==> flow/design.v <==
module dp_scratch_blk #(
    parameter integer DEPTH = 6,
    parameter integer DATA_W = 12,
    parameter integer NR = 1,
    parameter integer AWIDTH = $clog2(DEPTH)
) (
    input  logic sys_clk,
    input  logic i_wr,
    input  logic [AWIDTH-1:0] i_wa,
    input  logic [DATA_W-1:0] i_din,
    input  logic [NR*AWIDTH-1:0] i_read_addr,
    output logic [NR*DATA_W-1:0] o_rd_data
);
    logic r_wr;
    logic [AWIDTH-1:0] r_wa;
    logic [DATA_W-1:0] r_din;
    always_ff @(posedge sys_clk) begin
        r_wr <= i_wr;
        r_wa <= i_wa;
        r_din <= i_din;
    end
    logic [DATA_W-1:0] rf [DEPTH-1:0];
    always_ff @(posedge sys_clk) begin
        if (r_wr)
            rf[r_wa] <= r_din;
    end
    logic [NR*AWIDTH-1:0] r_read_addr;
    always_ff @(posedge sys_clk) begin
        r_read_addr <= i_read_addr;
    end
    logic [NR*DATA_W-1:0] cur;
    for (genvar j = 0; j < NR; j++) begin : stage
        assign cur[j*DATA_W +: DATA_W] = rf[r_read_addr[j*AWIDTH +: AWIDTH]];
    end
    assign o_rd_data = cur;
endmodule
======== From RTL to reports: dp_scratch_blk ========
Tool output for the design above, in the order of the flow.
Line numbers count from 1 in the design file above.
Cell names lack the library's common part.
A cell with - has no value.
set-up
  top ..................................... dp_scratch_blk
  clock port .............................. sys_clk
  library ................................. sky130hd
  corner .................................. tt_025C_1v80

======== Elaborated design ========
Counts by Yosys on the flattened word-level netlist (proc, flatten, opt, wreduce; memories kept). Register bits leave out memories and registers merged into their read ports (data or address); mux counts leave out enables and synchronous resets folded into registers. Print and check cells are left out. Cells with the same type and inputs are merged into one.
Memory sizes are those after Yosys's memory passes, which may raise the word count (mostly to a power of two), join words into wider ones and drop unused or constant bits.
word-level totals
  clocked read ports x word width ......... 12
  output and inout port bits .............. 12
  ROM bits ................................ 0
  flip-flop bits (word level) ............. 16
  RAM bits ................................ 72
  bits of input ports ..................... 20
  latch bits .............................. 0
  memories ................................ 1
cells by class
  muxes and demuxes ....................... 3
  equality and inequality tests ........... 0
  add/subtract/negate cells ............... 0
  shift operators ......................... 0
  magnitude comparators ................... 0
  reduce/logical cells .................... 0
  divide/modulo/power cells ............... 0
  bitwise gates (word level) .............. 0
  $mul .................................... 0
memory list
  name  depth  width  rd ports  wr ports  line  source
  rf    6      12     1         1         22    logic [DATA_W-1:0] rf [DEPTH-1:0];
operator list
  cell                number
  two-way mux 12 bit  1
  two-way mux 3 bit   1
  two-way mux 1 bit   1

======== Longest topological paths ========
Longest topological path by Yosys (ltp), each cell counted once; first at word level (registers and memories cut), then after technology mapping (sequential cells cut; the memories' decode and read muxes count).
depth
  depth after elaboration ................. 1
  ABC_AREA ................................ 0
  depth in mapped cells ................... 5
  gate-level depth less buffers ........... 3

======== Mapped cells and area ========
The flow's flattened synthesis, as Yosys stat reports it; memories are mapped. The netlist is that of the ABC_AREA named above (0 if unset); the other value can give another one.
Totals and module areas in this step are rounded.
cell types
  type      number
  edfxtp_1  72
  dfxtp_1   19
  mux2i_1   36
  a22o_1    12
  a21oi_1   12
  buf_6     2
  buf_12    1
  nand2b_1  3
  nor2_1    5
  buf_8     1
  clkbuf_1  3
  nor3_1    2
  nor2b_1   1
  nand2_1   1
synthesis totals
  buffers ................................. 7
  flip-flop cells ......................... 91
  cell area after synthesis ............... 0.00319 mm2
  cells in the netlist .................... 170
  area of sequential cells ................ 0.00254 mm2

======== Timing after synthesis ========
OpenSTA on the mapped netlist: ideal clock, no wires. The path of least setup slack (recovery checks aside). Input and output delay are each 20% of the period. Register names are those of the netlist, which keeps one name where synthesis merged equal registers.
timing path post-synthesis
  kind .................................... reg2reg
  start point ............................. register r_wa[0]
  end point ............................... memory rf[0][0]
  period .................................. 2.14 ns
  arrival ................................. 1.319 ns
  stages .................................. 3
  path slack .............................. 0.425 ns
  library setup time ...................... 0.396 ns
  path delay .............................. 1.715 ns
  time at the first pin ................... 0.000 ns
  buffers on the path ..................... 0
  period reached after synthesis .......... 1.715 ns
"path delay" = arrival - input delay + setup time.
"stages" counts driving pins, that of a launching flip-flop among them; a cell with two outputs on the path counts twice.
"period reached after synthesis" is the clock period less the worst setup slack; recovery checks do not enter. This is arithmetic on one report: input and output delays are still those of the set period (20% each).
The rows between start and end are the longest chain of elaborated cells between them; the timing report does not say that the signal goes this way. Where chains are equally long, one stands for them.
A line is the first line of the expression or statement that the cell stems from. Yosys adds cells for indexed reads and writes and turns some case tables into memories.
on the way, post-synthesis
  cell sequence ........................... dfxtp_1 nand2b_1 nor3_1
  cells in the longest elaborated chain ... 1
  elaborated cells on any way between the ends .. 1
  RTL lines with such cells ............... 1
ends and longest elaborated chain, post-synthesis
  element             line  source
  start: declaration  15    logic [AWIDTH-1:0] r_wa;
  start: assignment   19    r_wa <= i_wa;
  two-way mux 3 bit   24    if (r_wr)
  end: declaration    22    logic [DATA_W-1:0] rf [DEPTH-1:0];

======== Worst path after layout ========
From the final timing report of job 2: the path of least setup slack in the routed layout; clock arrival at registers is part of the times.
timing path after layout
  kind .................................... reg2out
  start point ............................. register (name not given)
  end point ............................... output o_rd_data[2]
  period .................................. 1.52 ns
  time at the first pin ................... 0.35 ns
  arrival ................................. 1.54 ns
  path slack .............................. -0.32 ns
  stages .................................. 6
  buffers on the path ..................... 2
on the way, after layout
  cell sequence ........................... dfxtp_4 buf_12 mux2i_2 a22o_1 a21oi_2 buf_2
ends and longest elaborated chain, after layout
  element           line  source
  end: declaration  12    output logic [NR*DATA_W-1:0] o_rd_data
No chain of elaborated cells between the ends is given.

# Flow runs of dp_scratch_blk

3 stored runs of dp_scratch_blk in the flow (synthesis by Yosys, layout by OpenROAD, sky130hd cells), in arbitrary order. Constraints: input delay and output delay 20% of the set period each, output load 0.01 pF.
"critical setup path time" means the part of the period allowed to the worst setup path (the constraints hold back 20% at inputs and 20% at outputs) less its slack; where the path has registers, the arrival times of their clocks count too.
"total power of the final layout": no workload was simulated; the value follows from the tool's default switching activity.
Values from the reports are rounded here.

---- job 1 ----
settings
  period_ns = 1.47
  CORE_UTILIZATION = 70
  PLACE_DENSITY_LB_ADDON = 0.13
  CORE_ASPECT_RATIO = 0.6
  CORE_MARGIN = 3
  TNS_END_PERCENT = 90
  ABC_AREA = 1
  GPL_ROUTABILITY_DRIVEN = 0
  CTS_CLUSTER_DIAMETER = 39
  CAP_MARGIN = 5
  MIN_ROUTING_LAYER = met1
  MAX_ROUTING_LAYER = met4
  SLEW_MARGIN = 20
results
  no final report: routing broke off with DPL-0033

---- job 2 ----
settings
  period_ns = 1.52
  CORE_UTILIZATION = 58
  SETUP_SLACK_MARGIN = -0.01
  PLACE_DENSITY_LB_ADDON = 0.23
  HOLD_SLACK_MARGIN = 0.02
  GPL_ROUTABILITY_DRIVEN = 0
  CTS_CLUSTER_SIZE = 90
  CAP_MARGIN = 0
  CORE_MARGIN = 2
  SLEW_MARGIN = 20
results
  cell area after synthesis ............... 0.00319 mm2
  die area ................................ 0.00612 mm2
  standard-cell area after routing ........ 0.00398 mm2
  post-layout utilization ................. 0.736
  lowest setup slack ...................... -0.321 ns
  total power of the final layout ......... 0.00474 W
  critical setup path time ................ 1.54 ns
  worst setup path kind ................... reg2out

---- job 3 ----
settings
  period_ns = 2.14
  CAP_MARGIN = 20
  CORE_MARGIN = 2
  CORE_UTILIZATION = 40
  SLEW_MARGIN = 20
results
  cell area after synthesis ............... 0.00319 mm2
  die area ................................ 0.00872 mm2
  standard-cell area after routing ........ 0.00392 mm2
  post-layout utilization ................. 0.507
  lowest setup slack ...................... 0.069 ns
  total power of the final layout ......... 0.00332 W
  critical setup path time ................ 1.64 ns
  worst setup path kind ................... reg2out
